==> flow/design.v <==
module addsub #(
   parameter W = 5
) (
   input  wire aclk,
   input  wire i_rst_n,
   input  wire [W-1:0] A,
   input  wire op,
   input  wire start,
   output wire [W-1:0] dout
);
   reg [W-1:0] A_reg;
   reg op_reg;
   reg start_reg;
   reg [W-1:0] cnt;
   always @(posedge aclk or negedge i_rst_n) begin
      if (~i_rst_n) begin
         A_reg <= 0;
         op_reg <= 1'b0;
         start_reg <= 1'b0;
         cnt <= 0;
      end else begin
         A_reg <= A;
         op_reg <= op;
         start_reg <= start;
         cnt <= start_reg ? A_reg : op_reg ? cnt - A_reg : cnt + A_reg;
      end
   end
   assign dout = cnt;
endmodule
**Step by step through the tools: addsub**

Tool output for the design above, in the order of the flow.
Lines are those of the file above, counted from 1.
Library cell names are shortened.
A cell with n/a has no value.

- Design top: addsub
- Clock input: aclk
- Standard-cell library: sky130hd
- Corner: tt_025C_1v80

**Elaborated design**

Source: Yosys, flattened and elaborated, memories not mapped. Widths are those after wreduce; folded enables and synchronous resets count as part of the registers. Registers that Yosys merges into a memory's read port (data or address) are not register bits. Print and check cells do not count. Equal cells are merged and count once.

- Flip-flop bits (word level): 12
- Input bits: 9
- Output and inout port bits: 5

- $add $sub $neg: 2
- Muxes and demuxes: 2

Operator list:

| operator | count |
|---|---|
| 2-to-1 mux 5 bit | 2 |
| adder 5 bit | 1 |
| subtractor 5 bit | 1 |

**Longest topological paths**

Depth = most cells in a row (Yosys ltp): at word level without a register or memory, in the mapped netlist without a sequential cell, where the memories' decode and read muxes count.

- Word-level depth: 3
- ABC_AREA: 0
- Mapped depth: 10
- Gate-level depth less buffers: 10

**Mapped cells and area**

Yosys stat after the flow's synthesis: flattened, memories mapped to cells. It holds for the ABC_AREA given above (unset counts as 0); a run with the other value may have another netlist.

- Standard cells after synthesis: 52
- Synthesis area: 585.6 µm²
- Flip-flop cells: 12
- Buffers: 1

Cells by type:

| cell type | count | total area (µm²) |
|---|---|---|
| dfrtp_1 | 12 | 300.288 |
| ha_1 | 5 | 62.56 |
| xor2_1 | 4 | 35.034 |
| inv_1 | 7 | 26.275 |
| mux2_2 | 2 | 22.522 |
| fa_1 | 1 | 20.019 |
| xnor2_1 | 2 | 17.517 |
| a21oi_1 | 3 | 15.014 |
| o21ai_1 | 3 | 15.014 |
| nand2_1 | 3 | 11.261 |
| nor2_1 | 3 | 11.261 |
| mux2i_1 | 1 | 10.01 |
| a21o_1 | 1 | 7.507 |
| buf_4 | 1 | 7.507 |
| nor3b_1 | 1 | 7.507 |
| nor2b_1 | 1 | 6.256 |
| nor3_1 | 1 | 5.005 |
| o21ai_0 | 1 | 5.005 |

**Timing after synthesis**

Source: OpenSTA report_checks on the synthesized netlist (no wires, ideal clock, input and output delay 20% of the period each), path of least setup slack; recovery checks are left aside. Register names are those of the netlist, which keeps one name where synthesis merged equal registers.

- Kind: flip-flop to flip-flop
- Start: reg A_reg[0]
- End: reg cnt[4]
- Period: 2.74 ns
- Library setup time: 0.121 ns
- Time at the first pin: 0.000 ns
- Data arrival time: 2.073 ns
- Slack: 0.546 ns
- Path delay: 2.194 ns
- Stages on the path: 10
- Path buffers: 0
- Synthesis period reached: 2.194 ns

"path delay" = arrival - input delay + setup time.
"stages on the path": output pins that drive a net of the path, with the launching flip-flop's if there is one; two outputs of one cell count as two.
"synthesis period reached" is the clock period less the worst setup slack; recovery checks do not enter. This is arithmetic on one report: input and output delays are still those of the set period (20% each).
The rows between start and end are the longest chain of elaborated cells between them; the timing report does not say that the signal goes this way. Where chains are equally long, one stands for them.
Each line given opens the expression or statement behind the cell; cells for indexed reads and writes are added by Yosys, which also makes memories of some case tables.

- Cells stage by stage: dfrtp_1 -> inv_1 -> ha_1 -> mux2_2 -> fa_1 -> nor2b_1 -> o21ai_0 -> nor3b_1 -> mux2_2 -> xor2_1
- Length of the longest elaborated chain: 3

RTL lines, path post-synthesis:

| item | RTL line | source |
|---|---|---|
| start: declaration | 11 | `reg [W-1:0] A_reg;` |
| start: assignment | 17 | `A_reg <= 0;` |
| start: assignment | 22 | `A_reg <= A;` |
| adder 5 bit | 25 | `cnt <= start_reg ? A_reg : op_reg ? cnt - A_reg : cnt + A_reg;` |
| 2-to-1 mux 5 bit x2 | 25 |  |
| end: assignment | 20 | `cnt <= 0;` |
| end: assignment | 25 |  |
| end: declaration | 14 | `reg [W-1:0] cnt;` |

**Worst path after layout**

From the final timing report of entry A: the path of least setup slack in the routed layout; clock arrival at registers is part of the times.

- Kind: flip-flop to flip-flop
- Start: reg A_reg[0]
- End: reg cnt[4]
- Period: 2.74 ns
- Library setup time: 0.10 ns
- Time at the first pin: 0.27 ns
- Data arrival time: 2.50 ns
- Slack: 0.41 ns
- Stages on the path: 10
- Path buffers: 0

The rows between start and end are the longest chain of elaborated cells between them; the timing report does not say that the signal goes this way. Where chains are equally long, one stands for them.

- Cells stage by stage: dfrtp_1 -> inv_1 -> ha_1 -> mux2_2 -> fa_1 -> nor2b_1 -> o21ai_0 -> nor3b_1 -> mux2_2 -> xor2_1
- Length of the longest elaborated chain: 3

RTL lines, path post-layout:

| item | RTL line | source |
|---|---|---|
| start: declaration | 11 | `reg [W-1:0] A_reg;` |
| start: assignment | 17 | `A_reg <= 0;` |
| start: assignment | 22 | `A_reg <= A;` |
| adder 5 bit | 25 | `cnt <= start_reg ? A_reg : op_reg ? cnt - A_reg : cnt + A_reg;` |
| 2-to-1 mux 5 bit x2 | 25 |  |
| end: assignment | 20 | `cnt <= 0;` |
| end: assignment | 25 |  |
| end: declaration | 14 | `reg [W-1:0] cnt;` |

Appendix: measured runs

Module addsub, platform sky130hd: 3 stored runs of the flow (Yosys, OpenROAD) with differing settings, in no particular order. Input and output delays are each 20% of the period that was set; the output load is 0.01 pF.
"achieved clock period" = clock period - worst setup slack. The figure is calculated, with input and output delays left at 20% of the set period.
"critical setup path time" means the part of the period allowed to the worst setup path (the constraints hold back 20% at inputs and 20% at outputs) less its slack; where the path has registers, the arrival times of their clocks count too.
"overall power" rests on the timing tool's default activity at the inputs, not on a simulated workload.

### Entry A

Settings: `period_ns=2.74`, `CAP_MARGIN=20`, `CORE_MARGIN=2`, `CORE_UTILIZATION=40`, `SLEW_MARGIN=20`

- Worst setup slack after layout: 0.411 ns
- Die area: 1785.9 µm²
- Netlist area reported by Yosys: 585.6 µm²
- Worst hold slack in the final report: 0.439 ns
- Utilization after layout: 57.2%
- Total negative setup slack: 0.000 ns
- Achieved clock period: 2.329 ns
- Standard-cell area after routing: 763.2 µm²
- Critical setup path time: 2.33 ns
- Type of the worst setup path: flip-flop to flip-flop
- Overall power: 0.0005623 W

### Entry B

Settings: `period_ns=2.48`, `CORE_UTILIZATION=32`, `PLACE_DENSITY_LB_ADDON=0.27`, `CORE_MARGIN=5`, `CELL_PAD_IN_SITES_DETAIL_PLACEMENT=2`, `ABC_AREA=0`, `CAP_MARGIN=0`, `SLEW_MARGIN=15`

- Standard-cell area after routing: 775.7 µm²
- Worst hold slack in the final report: 0.444 ns
- Worst setup slack after layout: 0.112 ns
- Utilization after layout: 44.9%
- Achieved clock period: 2.368 ns
- Netlist area reported by Yosys: 585.6 µm²
- Die area: 2785.2 µm²
- Critical setup path time: 2.37 ns
- Type of the worst setup path: flip-flop to flip-flop
- Total negative setup slack: 0.000 ns
- Overall power: 0.0006348 W

### Entry C

Settings: `period_ns=1.63`, `CORE_UTILIZATION=64`, `SETUP_SLACK_MARGIN=0.18`, `PLACE_DENSITY_LB_ADDON=0.23`, `HOLD_SLACK_MARGIN=-0.01`, `CELL_PAD_IN_SITES_GLOBAL_PLACEMENT=0`, `TNS_END_PERCENT=45`, `ABC_AREA=1`, `CTS_CLUSTER_SIZE=28`, `CAP_MARGIN=25`, `CORE_MARGIN=2`, `SLEW_MARGIN=20`

Incomplete, clock tree synthesis halted on DPL-0038.
